==> flow/design.v <==
module storage_rtl (CLK, i_rst, i_wen, i_write_addr, i_wdata, i_rsel_a, i_rsel_b, o_dout_a, o_dout_b);
   parameter ENTRIES = 40;
   parameter XLEN = 16;
   localparam AW = $clog2(ENTRIES);
   input CLK;
   input i_rst;
   input i_wen;
   input [AW-1:0] i_write_addr;
   input [XLEN-1:0] i_wdata;
   input [AW-1:0] i_rsel_a;
   input [AW-1:0] i_rsel_b;
   output [XLEN-1:0] o_dout_a;
   output [XLEN-1:0] o_dout_b;
   reg [XLEN-1:0] ram [0:ENTRIES-1];
   integer k;
   always @(posedge CLK) begin
      if (i_rst) begin
         for (k = 0; k < ENTRIES; k = k + 1)
            ram[k] <= 0;
      end else if (i_wen) begin
         ram[i_write_addr] <= i_wdata;
      end
   end
   reg [XLEN-1:0] r_dout_a;
   always @(posedge CLK) begin
      if (i_rst) begin
         r_dout_a <= 0;
      end else begin
         r_dout_a <= ram[i_rsel_a];
      end
   end
   assign o_dout_a = r_dout_a;
   reg [XLEN-1:0] r_dout_b;
   always @(posedge CLK) begin
      if (i_rst) begin
         r_dout_b <= 0;
      end else begin
         r_dout_b <= ram[i_rsel_b];
      end
   end
   assign o_dout_b = r_dout_b;
endmodule
From RTL to reports: storage_rtl
The steps from the RTL of storage_rtl to its reports follow in flow order.
Line numbers count from 1 in the design file above.
Library cell names are shortened.
{"block": "setup", "design": "storage_rtl", "clock": "CLK", "library": "sky130hd", "lib_corner": "tt_025C_1v80"}

Elaborated design
Yosys after proc, flatten, opt, wreduce and memory -nomap, before mapping. Enables and synchronous resets that opt folds into registers are not counted as muxes. Memory bits, and registers merged into a memory's read port (data or address), are not among the register bits. Print and check cells are not counted. Equal cells are merged and count once.
Memory sizes are those after Yosys's memory passes, which may raise the word count (mostly to a power of two), join words into wider ones and drop unused or constant bits.
{"block": "op_classes", "n_mux": 7}
{"block": "op_table", "op": "16-bit 2-to-1 mux", "n": 2}
{"block": "op_table", "op": "6-bit 2-to-1 mux", "n": 2}
{"block": "op_table", "op": "1-bit 2-to-1 mux", "n": 3}
{"block": "word_totals", "mem_bits_rw": 1024, "wordCells": 8, "input_bits": 37, "memories": 1, "regBits": 0, "output_inout_bits": 32}
{"block": "mem_list", "memory": "ram", "size": 64, "word_bits": 16, "line_no": 14, "text": "reg [XLEN-1:0] ram [0:ENTRIES-1];"}

Longest topological paths
Longest topological path by Yosys (ltp), each cell counted once; first at word level (registers and memories cut), then after technology mapping (sequential cells cut; the memories' decode and read muxes count).
{"block": "depth", "word_depth": 2, "ABC_AREA": 0, "ltp_mapped": 9, "mapped_depth_nobuf": 5}

Synthesis result
Source: synth_stat.txt of the flow (Yosys; design flattened, memories mapped). It holds for the ABC_AREA given above (unset counts as 0); a run with the other value may have another netlist.
The area totals of this step are shown rounded.
{"block": "types", "type": "edfxtp_1", "n": 1024, "area_total_um2": 3.07E+04}
{"block": "types", "type": "mux4_2", "n": 495, "area_total_um2": 1.11E+04}
{"block": "types", "type": "and2_1", "n": 642, "area_total_um2": 4.02E+03}
{"block": "types", "type": "mux2i_1", "n": 90, "area_total_um2": 900.864}
{"block": "types", "type": "dfxtp_1", "n": 32, "area_total_um2": 640.614}
{"block": "types", "type": "clkbuf_1", "n": 153, "area_total_um2": 574.301}
{"block": "types", "type": "mux2_2", "n": 49, "area_total_um2": 551.779}
{"block": "types", "type": "o22ai_1", "n": 77, "area_total_um2": 481.712}
{"block": "types", "type": "buf_4", "n": 46, "area_total_um2": 345.331}
{"block": "types", "type": "or2_2", "n": 47, "area_total_um2": 294.032}
{"block": "types", "type": "nor2_1", "n": 74, "area_total_um2": 277.766}
{"block": "types", "type": "o21ai_0", "n": 53, "area_total_um2": 265.254}
{"block": "types", "type": "buf_6", "n": 23, "area_total_um2": 258.998}
{"block": "types", "type": "buf_2", "n": 51, "area_total_um2": 255.245}
{"block": "types", "type": "nor2b_1", "n": 35, "area_total_um2": 218.96}
{"block": "types", "type": "a211oi_1", "n": 29, "area_total_um2": 217.709}
{"block": "types", "type": "nand2_1", "n": 53, "area_total_um2": 198.941}
{"block": "types", "type": "a21oi_1", "n": 38, "area_total_um2": 190.182}
Other cell types: 37; their cells: 178.
{"block": "mapped", "buf_cells": 294, "ffs": 1056, "yosys_area_um2": 53000, "seq_area_um2": 31000, "cell_count": 3189}

Timing after synthesis
OpenSTA on the mapped netlist: ideal clock, no wires. The path of least setup slack (recovery checks aside). Input and output delay are each 20% of the period. Register names are those of the netlist, which keeps one name where synthesis merged equal registers.
{"block": "synth_timing", "path_type": "input-to-reg", "from": "in i_write_addr[0]", "to": "mem (name not given)", "launch_ps": 542, "path_delay_ps": 1733, "setup_ps": 388, "path_stages": 3, "period_ps": 2710, "path_buffers": 0, "slack_ps": 435, "arrival_time_ps": 1887, "required_ps": 2322, "input_delay_ps": 542, "synth_period_reached_ps": 2275}
"path_delay_ps" = arrival - input delay + setup time.
"path_stages": output pins that drive a net of the path, with the launching flip-flop's if there is one; two outputs of one cell count as two.
"synth_period_reached_ps" is the clock period less the worst setup slack; recovery checks do not enter. This is arithmetic on one report: input and output delays are still those of the set period (20% each).
The rows between start and end are the longest chain of elaborated cells between them; the timing report does not say that the signal goes this way. Where chains are equally long, one stands for them.
Each line given opens the expression or statement behind the cell; cells for indexed reads and writes are added by Yosys, which also makes memories of some case tables.
{"block": "synth_via", "path_cell_list": "nor3b_1 nand3_1 nor2_1", "elab_chain_cells": 2, "cells_between": 2, "cone_lines": 2, "cone_classes": "mux: 2"}
{"block": "synth_rtl", "item": "start, declared", "line_no": 8, "text": "input [AW-1:0] i_write_addr;"}
{"block": "synth_rtl", "item": "6-bit 2-to-1 mux", "line_no": 20, "text": "end else if (i_wen) begin"}
{"block": "synth_rtl", "item": "6-bit 2-to-1 mux", "line_no": 17, "text": "if (i_rst) begin"}

Worst path after layout
Path of least setup slack in the final report of record 3 (OpenROAD, finished layout, wires in). Where an end is a register, its clock arrival counts in the times.
The path's times are printed in steps of 10 ps; the period is the one set.
{"block": "layout_timing", "path_type": "reg-to-output", "from": "reg r_dout_a[11]", "to": "out o_dout_a[11]", "out_delay_ps": 540, "path_buffers": 1, "launch_ps": 740, "arrival_time_ps": 1980, "slack_ps": 190, "path_stages": 2, "required_ps": 2170, "period_ps": 2710}
{"block": "layout_via", "path_cell_list": "dfxtp_1 clkdlybuf4s50_1", "elab_chain_cells": 0, "cells_between": 0, "cone_lines": 0}
{"block": "layout_rtl", "item": "start, declared", "line_no": 24, "text": "reg [XLEN-1:0] r_dout_a;"}
{"block": "layout_rtl", "item": "end, declared", "line_no": 12, "text": "output [XLEN-1:0] o_dout_a;"}

--- measured runs ---
storage_rtl through Yosys and OpenROAD on sky130hd: 3 stored runs, unordered, with their settings and measured results. The constraints put input and output delay at 20% of the set period each and load the outputs with 0.01 pF.
"achieved_clock_period_ps": clock period set for the run, less the worst setup slack. It is reckoned from that one timing run; input and output delays stay at 20% of the period that was set.
"worstPathTime_ps" is the time allowed to the run's worst setup path (the clock period less input and output delay, where it has them) less its slack. Clock arrival times count: a late capture clock shortens it, a late launch clock lengthens it.
"power_total_mw": no workload was simulated; the value follows from the tool's default switching activity.
"worstPathTime_ps" is known to 10 ps.
The results are shown rounded.

{"run": "record 1", "settings": { "period_ns": 1.46, "CORE_UTILIZATION": 51, "SETUP_SLACK_MARGIN": -0.09, "PLACE_DENSITY_LB_ADDON": 0.17, "CORE_ASPECT_RATIO": 0.7, "CELL_PAD_IN_SITES_DETAIL_PLACEMENT": 2, "ABC_AREA": 0, "CTS_CLUSTER_SIZE": 12, "CAP_MARGIN": 30, "MIN_ROUTING_LAYER": "met2", "MAX_ROUTING_LAYER": "met5", "CORE_MARGIN": 2, "SLEW_MARGIN": 20 }, "outcome": "not finished: routing ended with error GRT-0116"}
{"run": "record 2", "settings": { "period_ns": 1.47, "CORE_UTILIZATION": 57, "PLACE_DENSITY": 0.36, "CORE_ASPECT_RATIO": 0.68, "TNS_END_PERCENT": 45, "ABC_AREA": 0, "GPL_ROUTABILITY_DRIVEN": 0, "MIN_ROUTING_LAYER": "met2", "CAP_MARGIN": 20, "CORE_MARGIN": 2, "SLEW_MARGIN": 20 }, "outcome": "not finished: routing ended with error GRT-0116"}
{"run": "record 3", "settings": { "period_ns": 2.71, "CAP_MARGIN": 20, "CORE_MARGIN": 2, "CORE_UTILIZATION": 40, "SLEW_MARGIN": 20 }, "results": { "synth_chip_area_um2": 53000, "die_footprint_um2": 140000, "layout_stdcell_area_um2": 64000, "layout_utilization_frac": 0.49, "ws_setup_ps": 190, "final_setup_tns_ps": 0, "fin_hold_ws_ps": 320, "power_total_mw": 39, "achieved_clock_period_ps": 2518, "worstPathTime_ps": 1980, "critical_path_kind": "reg-to-output" }}
--- end ---
